==> flow/design.v <==
module core_mul #(
    parameter integer WD = 18
) (
    input  wire clock,
    input  wire RSTN,
    input  wire [WD-1:0] in_lhs,
    input  wire [WD-1:0] in_rhs,
    output wire [WD-1:0] out_out
);
    reg [WD-1:0] lhs_q;
    reg [WD-1:0] rhs_q;
    always @(posedge clock or negedge RSTN) begin
        if (!RSTN) begin
            lhs_q <= 0;
            rhs_q <= 0;
        end else begin
            lhs_q <= in_lhs;
            rhs_q <= in_rhs;
        end
    end
    assign out_out = lhs_q * rhs_q;
endmodule
* Reports on core_mul
Tool output for the design above, in the order of the flow.
Lines are those of the file above, counted from 1.
Library cell names are shortened.
A cell with -- has no value.
- Design top :: core_mul
- Clock port :: clock
- Standard-cell library :: sky130hd
- Timing corner :: tt_025C_1v80

* Elaborated design
Source: Yosys, flattened and elaborated, memories not mapped. Widths are those after wreduce; folded enables and synchronous resets count as part of the registers. Registers that Yosys merges into a memory's read port (data or address) are not register bits. Print and check cells do not count. Equal cells are merged and count once.
- Input port bits :: 38
- Output and inout bits :: 18
- Elaborated cells :: 3
- Bits in registers :: 36
- Multipliers :: 1
** Operator list (number)
- multiplier 18 x 18 -> 18 bit :: 1

* Longest topological paths
Yosys ltp: most cells in a row. Word level: on the elaborated netlist, between registers, memories and ports. Mapped: between sequential cells and ports; inverters and the memories' decode and read muxes count.
- Word-level depth :: 1
- ABC_AREA :: 0
- Gate-level depth with buffers :: 20
- Depth with buffers taken out :: 19

* Netlist
Source: synth_stat.txt of the flow (Yosys; design flattened, memories mapped). It holds for the ABC_AREA given above (unset counts as 0); a run with the other value may have another netlist.
** Cell types
- fa_1 :: number 109, area in all 2.18E+03 µm²
- dfrtp_1 :: number 36, area in all 900.864 µm²
- ha_1 :: number 53, area in all 663.136 µm²
- and2_1 :: number 105, area in all 656.88 µm²
- inv_1 :: number 157, area in all 589.315 µm²
- xnor2_1 :: number 34, area in all 297.786 µm²
- nand2_1 :: number 69, area in all 258.998 µm²
- xor2_1 :: number 7, area in all 61.309 µm²
- clkbuf_1 :: number 16, area in all 60.058 µm²
- o21a_1 :: number 5, area in all 37.536 µm²
- a21oi_1 :: number 6, area in all 30.029 µm²
- o21ai_0 :: number 5, area in all 25.024 µm²
- xnor3_1 :: number 1, area in all 22.522 µm²
- a21o_1 :: number 2, area in all 15.014 µm²
- nor2_1 :: number 4, area in all 15.014 µm²
- nor3_1 :: number 3, area in all 15.014 µm²
- clkbuf_2 :: number 2, area in all 10.01 µm²
- o31a_1 :: number 1, area in all 8.758 µm²
Other cell types: 8; their cells: 8.
- Synthesis area :: 5901.9 µm²
- Mapped flip-flops :: 36
- Sequential part of the area :: 900.9 µm²
- Buffer cells :: 18
- Cell count :: 623

* Path before layout
OpenSTA on the mapped netlist: ideal clock, no wires. The path of least setup slack (recovery checks aside). Input and output delay are each 20% of the period. Register names are those of the netlist, which keeps one name where synthesis merged equal registers.
- Path kind :: register -> output
- Start point :: reg rhs_q[3]
- End point :: out out_out[16]
- Launch time at the first pin :: 0.000 ns
- Path slack :: 1.275 ns
- Path buffers :: 1
- Arrival :: 5.109 ns
- Delay of the path :: 5.109 ns
- Clock period :: 7.98 ns
- Required time :: 6.384 ns
- Stages on the path :: 19
- External output delay :: 1.596 ns
- Synthesis period reached :: 6.705 ns
"delay of the path" = arrival - input delay + setup time.
A path that ends at an output port has no setup time.
"stages on the path" counts driving pins, that of a launching flip-flop among them; a cell with two outputs on the path counts twice.
"synthesis period reached" = period - worst setup slack (recovery checks aside). The figure is calculated, with input and output delays left at 20% of the set period.
The rows between start and end are the longest chain of elaborated cells between them; the timing report does not say that the signal goes this way. Where chains are equally long, one stands for them.
A line is the first line of the expression or statement that the cell stems from. Yosys adds cells for indexed reads and writes and turns some case tables into memories.
- Cells stage by stage :: dfrtp_1 clkbuf_1 and2_1 fa_1 inv_1 fa_1 fa_1 fa_1 inv_1 fa_1 inv_1 fa_1 inv_1 ha_1 nand2_1 o21ai_0 or4_1 o22ai_1 xnor2_1
- Length of the longest elaborated chain :: 1
- Elaborated cells on any way between the ends :: 1
- Source lines of those cells :: 1
- Those cells by class :: mul: 1
** Ends and longest elaborated chain, after synthesis
- start, declared :: RTL line 11 : reg [WD-1:0] rhs_q;
- start, assigned :: RTL line 15 : rhs_q <= 0;
- start, assigned :: RTL line 18 : rhs_q <= in_rhs;
- multiplier 18 x 18 -> 18 bit :: RTL line 21 : assign out_out = lhs_q * rhs_q;
- end, declared :: RTL line 8 : output wire [WD-1:0] out_out

* Worst path after layout
Path of least setup slack in the final report of entry A (OpenROAD, finished layout, wires in). Where an end is a register, its clock arrival counts in the times.
- Path kind :: register -> output
- Start point :: reg lhs_q[10]
- End point :: out out_out[16]
- Arrival :: 6.05 ns
- Path slack :: 0.33 ns
- Clock period :: 7.98 ns
- Required time :: 6.38 ns
- Stages on the path :: 19
- External output delay :: 1.60 ns
- Path buffers :: 1
- Launch time at the first pin :: 0.27 ns
The rows between start and end are the longest chain of elaborated cells between them; the timing report does not say that the signal goes this way. Where chains are equally long, one stands for them.
- Cells stage by stage :: dfrtp_1 and2_1 fa_1 inv_1 fa_1 fa_1 fa_1 inv_1 fa_1 inv_1 fa_1 inv_1 ha_1 nand2_1 o21ai_0 or4_1 o22ai_1 xnor2_1 clkdlybuf4s50_1
- Length of the longest elaborated chain :: 1
- Elaborated cells on any way between the ends :: 1
- Source lines of those cells :: 1
- Those cells by class :: mul: 1
** Ends and longest elaborated chain, after layout
- start, declared :: RTL line 10 : reg [WD-1:0] lhs_q;
- start, assigned :: RTL line 14 : lhs_q <= 0;
- start, assigned :: RTL line 17 : lhs_q <= in_lhs;
- multiplier 18 x 18 -> 18 bit :: RTL line 21 : assign out_out = lhs_q * rhs_q;
- end, declared :: RTL line 8 : output wire [WD-1:0] out_out

==> results <==
Settings and measured results of 3 stored flow runs for module core_mul (sky130hd), not sorted in any way. The constraints put input and output delay at 20% of the set period each and load the outputs with 0.01 pF.
By "reached clock period" is meant the clock period of the run minus its worst setup slack. This is arithmetic on one report: input and output delays are still those of the set period (20% each).
By "critical path time" is meant the share of the clock period that the worst setup path is allowed (20% is reserved at inputs, 20% at outputs), minus its slack. Clock arrival times at its registers enter into it.

* Entry A
** Files
==> flow/run.sh <==
#!/bin/bash
# the make line also repeats the synthesis and layout settings of config.mk as NAME=value (left out here)
make -C /OpenROAD-flow-scripts/flow DESIGN_CONFIG=/design/flow/config.mk WORK_HOME=/design/flow/orfs CLKGATE_MAP_FILE= finish
==> flow/config.mk <==
export PLATFORM = sky130hd
export DESIGN_NAME = core_mul
export DESIGN_NICKNAME = core_mul
export VERILOG_FILES = /design/flow/design.v
export SDC_FILE = /design/flow/constraint.sdc
export NUM_CORES = 4
export LEC_CHECK = 0
export CAP_MARGIN = 20
export CORE_MARGIN = 2
export CORE_UTILIZATION = 40
export SLEW_MARGIN = 20
==> flow/constraint.sdc <==
create_clock -name core_clock -period 7.98 [get_ports {clock}]
set_input_delay 1.5960 -clock core_clock [delete_from_list [all_inputs] [get_ports {clock}]]
set_output_delay 1.5960 -clock core_clock [all_outputs]
set_load 0.01 [all_outputs]
** Results
- Reached clock period :: 7.651 ns
- Utilization in the final report :: 47.3 %
- Critical path time :: 6.05 ns
- Worst setup path type :: register -> output
- Standard-cell area after layout :: 6,849.1 µm²
- Area of the die :: 15,742.7 µm²
- Total negative setup slack :: 0.000 ns
- Mapped cell area after synthesis :: 5,901.9 µm²
- Worst setup slack after layout :: 0.329 ns

* Entry B
** Files
==> flow/run.sh <==
#!/bin/bash
# the make line also repeats the synthesis and layout settings of config.mk as NAME=value (left out here)
make -C /OpenROAD-flow-scripts/flow DESIGN_CONFIG=/design/flow/config.mk WORK_HOME=/design/flow/orfs CLKGATE_MAP_FILE= finish
==> flow/config.mk <==
export PLATFORM = sky130hd
export DESIGN_NAME = core_mul
export DESIGN_NICKNAME = core_mul
export VERILOG_FILES = /design/flow/design.v
export SDC_FILE = /design/flow/constraint.sdc
export NUM_CORES = 4
export LEC_CHECK = 0
export CAP_MARGIN = 20
export CORE_MARGIN = 2
export CORE_UTILIZATION = 70
export CTS_CLUSTER_DIAMETER = 55
export GPL_ROUTABILITY_DRIVEN = 0
export PLACE_DENSITY = 0.84
export SETUP_SLACK_MARGIN = -0.62
export SLEW_MARGIN = 20
export TNS_END_PERCENT = 15
==> flow/constraint.sdc <==
create_clock -name core_clock -period 7.53 [get_ports {clock}]
set_input_delay 1.5060 -clock core_clock [delete_from_list [all_inputs] [get_ports {clock}]]
set_output_delay 1.5060 -clock core_clock [all_outputs]
set_load 0.01 [all_outputs]
** Results
- Reached clock period :: 7.799 ns
- Utilization in the final report :: 81.8 %
- Critical path time :: 6.29 ns
- Worst setup path type :: register -> output
- Standard-cell area after layout :: 6,683.9 µm²
- Area of the die :: 9,181.5 µm²
- Total negative setup slack :: -0.385 ns
- Mapped cell area after synthesis :: 5,901.9 µm²
- Worst setup slack after layout :: -0.269 ns

* Entry C
** Files
==> flow/run.sh <==
#!/bin/bash
# the make line also repeats the synthesis and layout settings of config.mk as NAME=value (left out here)
make -C /OpenROAD-flow-scripts/flow DESIGN_CONFIG=/design/flow/config.mk WORK_HOME=/design/flow/orfs CLKGATE_MAP_FILE= finish
==> flow/config.mk <==
export PLATFORM = sky130hd
export DESIGN_NAME = core_mul
export DESIGN_NICKNAME = core_mul
export VERILOG_FILES = /design/flow/design.v
export SDC_FILE = /design/flow/constraint.sdc
export NUM_CORES = 4
export LEC_CHECK = 0
export CAP_MARGIN = 20
export CORE_MARGIN = 2
export CORE_UTILIZATION = 68
export CTS_CLUSTER_SIZE = 63
export MAX_ROUTING_LAYER = met4
export PLACE_DENSITY = 0.37
export SETUP_SLACK_MARGIN = -0.42
export SLEW_MARGIN = 15
export TNS_END_PERCENT = 90
==> flow/constraint.sdc <==
create_clock -name core_clock -period 5.15 [get_ports {clock}]
set_input_delay 1.0300 -clock core_clock [delete_from_list [all_inputs] [get_ports {clock}]]
set_output_delay 1.0300 -clock core_clock [all_outputs]
set_load 0.01 [all_outputs]
** Results
- Reached clock period :: 6.529 ns
- Utilization in the final report :: 91.1 %
- Critical path time :: 5.50 ns
- Worst setup path type :: register -> output
- Standard-cell area after layout :: 7,561.0 µm²
- Area of the die :: 9,440.1 µm²
- Total negative setup slack :: -9.533 ns
- Mapped cell area after synthesis :: 5,901.9 µm²
- Worst setup slack after layout :: -1.379 ns
